==> flow/design.v <==
module my_diff_unit_rtl #(
  parameter integer W = 96
) (
  input  logic CLK,
  input  logic clr,
  input  logic en,
  input  logic [W-1:0] arg0_i,
  input  logic [W-1:0] arg1_i,
  input  logic dir_i,
  output logic [W-1:0] delta_o
);
  logic [W-1:0] arg0_s;
  logic [W-1:0] arg1_s;
  logic dir_s;
  always_ff @(posedge CLK) begin
    if (clr) begin
      arg0_s <= 0;
      arg1_s <= 0;
      dir_s <= 1'b0;
    end else if (en) begin
      arg0_s <= arg0_i;
      arg1_s <= arg1_i;
      dir_s <= dir_i;
    end
  end
  logic [W-1:0] t;
  always_comb begin
    if (dir_s)
      t = arg0_s - arg1_s;
    else
      t = arg0_s + arg1_s;
  end
  always_ff @(posedge CLK) begin
    if (clr) begin
      delta_o <= 0;
    end else if (en) begin
      delta_o <= t;
    end
  end
endmodule
# Step by step through the tools: my_diff_unit_rtl
# The steps from the RTL of my_diff_unit_rtl to its reports follow in flow order.
# Line numbers count from 1 in the design file above.
# Operators carry their Yosys type and port widths (W data, S select, Z words).
# Library cell names are shortened.
# A cell with -- has no value.
[design]
top_module = "my_diff_unit_rtl"
clock_port = "CLK"
library = "sky130hd"
corner = "tt_025C_1v80"

# Word level
# Counts by Yosys on the flattened word-level netlist (proc, flatten, opt, wreduce; memories kept). Register bits leave out memories and registers merged into their read ports (data or address); mux counts leave out enables and synchronous resets folded into registers. Print and check cells are left out. Cells with the same type and inputs are merged into one.
[bits]
elab_cells = 7
reg_bits = 289
in_bits = 196
[op_classes]
addsub = 2
n_mux = 1
[op_table]
columns = ["op", "count"]
rows = [
  ["$add A96 B96 Y96", 1],
  ["$sub A96 B96 Y96", 1],
  ["$mux W96", 1],
]

# Depth
# Depth = most cells in a row (Yosys ltp): at word level without a register or memory, in the mapped netlist without a sequential cell, where the memories' decode and read muxes count.
[logic_depth]
depth_word = 2
abc_area = 0
depth_mapped = 24

# After synthesis
# Source: synth_stat.txt of the flow (Yosys; design flattened, memories mapped). It holds for the ABC_AREA given above (unset counts as 0); a run with the other value may have another netlist.
# Totals and module areas in this step are rounded.
[mapped]
seqArea_um2 = 5800
mapped_area_um2 = 18000
stdcells = 2219
ffs = 289
[types]
columns = ["type", "count", "type_area_um2"]
rows = [
  ["dfxtp_1", 289, 5.79E+03],
  ["mux2i_1", 236, 2.36E+03],
  ["nor2_1", 377, 1.42E+03],
  ["xnor2_1", 145, 1.27E+03],
  ["ha_1", 97, 1.21E+03],
  ["a21oi_1", 178, 890.854],
  ["nand2_1", 142, 533.011],
  ["o21ai_0", 103, 515.494],
  ["clkbuf_1", 91, 341.578],
  ["xor2_1", 38, 332.819],
  ["a21o_1", 37, 277.766],
  ["nand4_1", 44, 275.264],
  ["nor3_1", 49, 245.235],
  ["a31oi_1", 39, 243.984],
  ["o21bai_1", 31, 232.723],
  ["inv_1", 55, 206.448],
  ["nand3_1", 27, 135.13],
  ["o21a_1", 16, 120.115],
]
# Not listed: further types 57, cells in them 225.

# Timing after synthesis
# Source: OpenSTA report_checks on the synthesized netlist (no wires, ideal clock, input and output delay 20% of the period each), path of least setup slack; recovery checks are left aside. Register names are those of the netlist, which keeps one name where synthesis merged equal registers.
[synth_path]
path_type = "register to register"
from = "register arg1_s[10]"
to = "register delta_o[95]"
required_ns = 6.034
period_ns = 6.15
launch_ns = 0.000
n_path_buf = 1
arrival_ns = 4.802
delay_ns = 4.918
driving_pins = 24
setup_slack_ns = 1.232
period_less_setup_slack_ns = 4.918
# "delay_ns" is the arrival time less input delay plus setup time.
# "driving_pins" counts driving pins, that of a launching flip-flop among them; a cell with two outputs on the path counts twice.
# "period_less_setup_slack_ns" = period - worst setup slack (recovery checks aside). The figure is calculated, with input and output delays left at 20% of the set period.
# The rows between start and end are the longest chain of elaborated cells between them; the timing report does not say that the signal goes this way. Where chains are equally long, one stands for them.
# Each line given opens the expression or statement behind the cell; cells for indexed reads and writes are added by Yosys, which also makes memories of some case tables.
[synth_via]
path_cell_list = "dfxtp_1 or4_4 or3_4 nor4_4 and3b_4 nand2b_4 nor2_1 nand2_1 nor2_1 nor2_1 xnor2_1 ha_1 clkbuf_1 inv_1 o21bai_1 a21oi_1 o21ai_0 a31oi_1 o211ai_1 or3_1 or2_2 o21ai_0 xnor2_1 o21ai_1"
elab_chain_len = 2
[synth_rtl]
columns = ["element", "line", "source"]
rows = [
  ["start, declared", 13, "logic [W-1:0] arg1_s;"],
  ["start, assigned", 18, "arg1_s <= 0;"],
  ["start, assigned", 22, "arg1_s <= arg1_i;"],
  ["$add A96 B96 Y96", 31, "t = arg0_s + arg1_s;"],
  ["$mux W96", 28, "if (dir_s)"],
  ["end, assigned", 35, "delta_o <= 0;"],
  ["end, assigned", 37, "delta_o <= t;"],
  ["end, declared", 10, "output logic [W-1:0] delta_o"],
]

# Path in the finished layout
# Path of least setup slack in the final report of job 1 (OpenROAD, finished layout, wires in). Where an end is a register, its clock arrival counts in the times.
[layout_path]
path_type = "register to register"
from = "register arg1_s[16]"
to = "register delta_o[92]"
launch_ns = 0.55
arrival_ns = 6.12
period_ns = 6.15
driving_pins = 22
required_ns = 6.57
setup_slack_ns = 0.45
n_path_buf = 0
# The rows between start and end are the longest chain of elaborated cells between them; the timing report does not say that the signal goes this way. Where chains are equally long, one stands for them.
[layout_via]
path_cell_list = "dfxtp_1 nor4_2 nor3b_4 nand2_2 nor4_4 and3b_4 nand2b_4 nor4_1 nor2_1 xnor2_1 ha_1 a21oi_1 o21ai_0 and3_1 a2111oi_0 o21ai_0 o21ai_1 o21ba_2 o41ai_2 a21oi_1 xor2_1 o21ai_1"
elab_chain_len = 2
[layout_rtl]
columns = ["element", "line", "source"]
rows = [
  ["start, declared", 13, "logic [W-1:0] arg1_s;"],
  ["start, assigned", 18, "arg1_s <= 0;"],
  ["start, assigned", 22, "arg1_s <= arg1_i;"],
  ["$add A96 B96 Y96", 31, "t = arg0_s + arg1_s;"],
  ["$mux W96", 28, "if (dir_s)"],
  ["end, assigned", 35, "delta_o <= 0;"],
  ["end, assigned", 37, "delta_o <= t;"],
  ["end, declared", 10, "output logic [W-1:0] delta_o"],
]

# my_diff_unit_rtl through Yosys and OpenROAD on sky130hd: 2 stored runs, unordered, with their settings and measured results. The constraints put input and output delay at 20% of the set period each and load the outputs with 0.01 pF.
# "period_less_ws_ns" = clock period - worst setup slack. The figure is calculated, with input and output delays left at 20% of the set period.
# "worst_setup_path_time_ns" means the part of the period allowed to the worst setup path (the constraints hold back 20% at inputs and 20% at outputs) less its slack; where the path has registers, the arrival times of their clocks count too.
# "total_power_mw": no workload was simulated; the value follows from the tool's default switching activity.
# Values from the reports are rounded here.

[[run]]
name = "job 1"
[run.settings]
period_ns = 6.15
CAP_MARGIN = 20
CORE_MARGIN = 2
CORE_UTILIZATION = 40
SLEW_MARGIN = 20
[run.results]
total_power_mw = 6.0
final_setup_ws_ns = 0.45
worst_setup_path_time_ns = 5.70
worst_path_kind = "register to register"
die_area_um2 = 47000
hold_worst_slack_ns = 0.45
post_route_util_frac = 0.51
ys_area_um2 = 18000
period_less_ws_ns = 5.700
fin_tns_ns = 0.000
finalCellArea_um2 = 23000

[[run]]
name = "job 2"
[run.settings]
period_ns = 4.28
CORE_UTILIZATION = 24
SETUP_SLACK_MARGIN = 0.2
PLACE_DENSITY = 0.62
CORE_MARGIN = 9
TNS_END_PERCENT = 55
MAX_ROUTING_LAYER = "met5"
CAP_MARGIN = 20
SLEW_MARGIN = 20
[run.results]
total_power_mw = 9.9
final_setup_ws_ns = -0.59
worst_setup_path_time_ns = 4.87
worst_path_kind = "register to register"
die_area_um2 = 86000
hold_worst_slack_ns = 0.44
post_route_util_frac = 0.39
ys_area_um2 = 18000
period_less_ws_ns = 4.868
fin_tns_ns = -20
finalCellArea_um2 = 29000
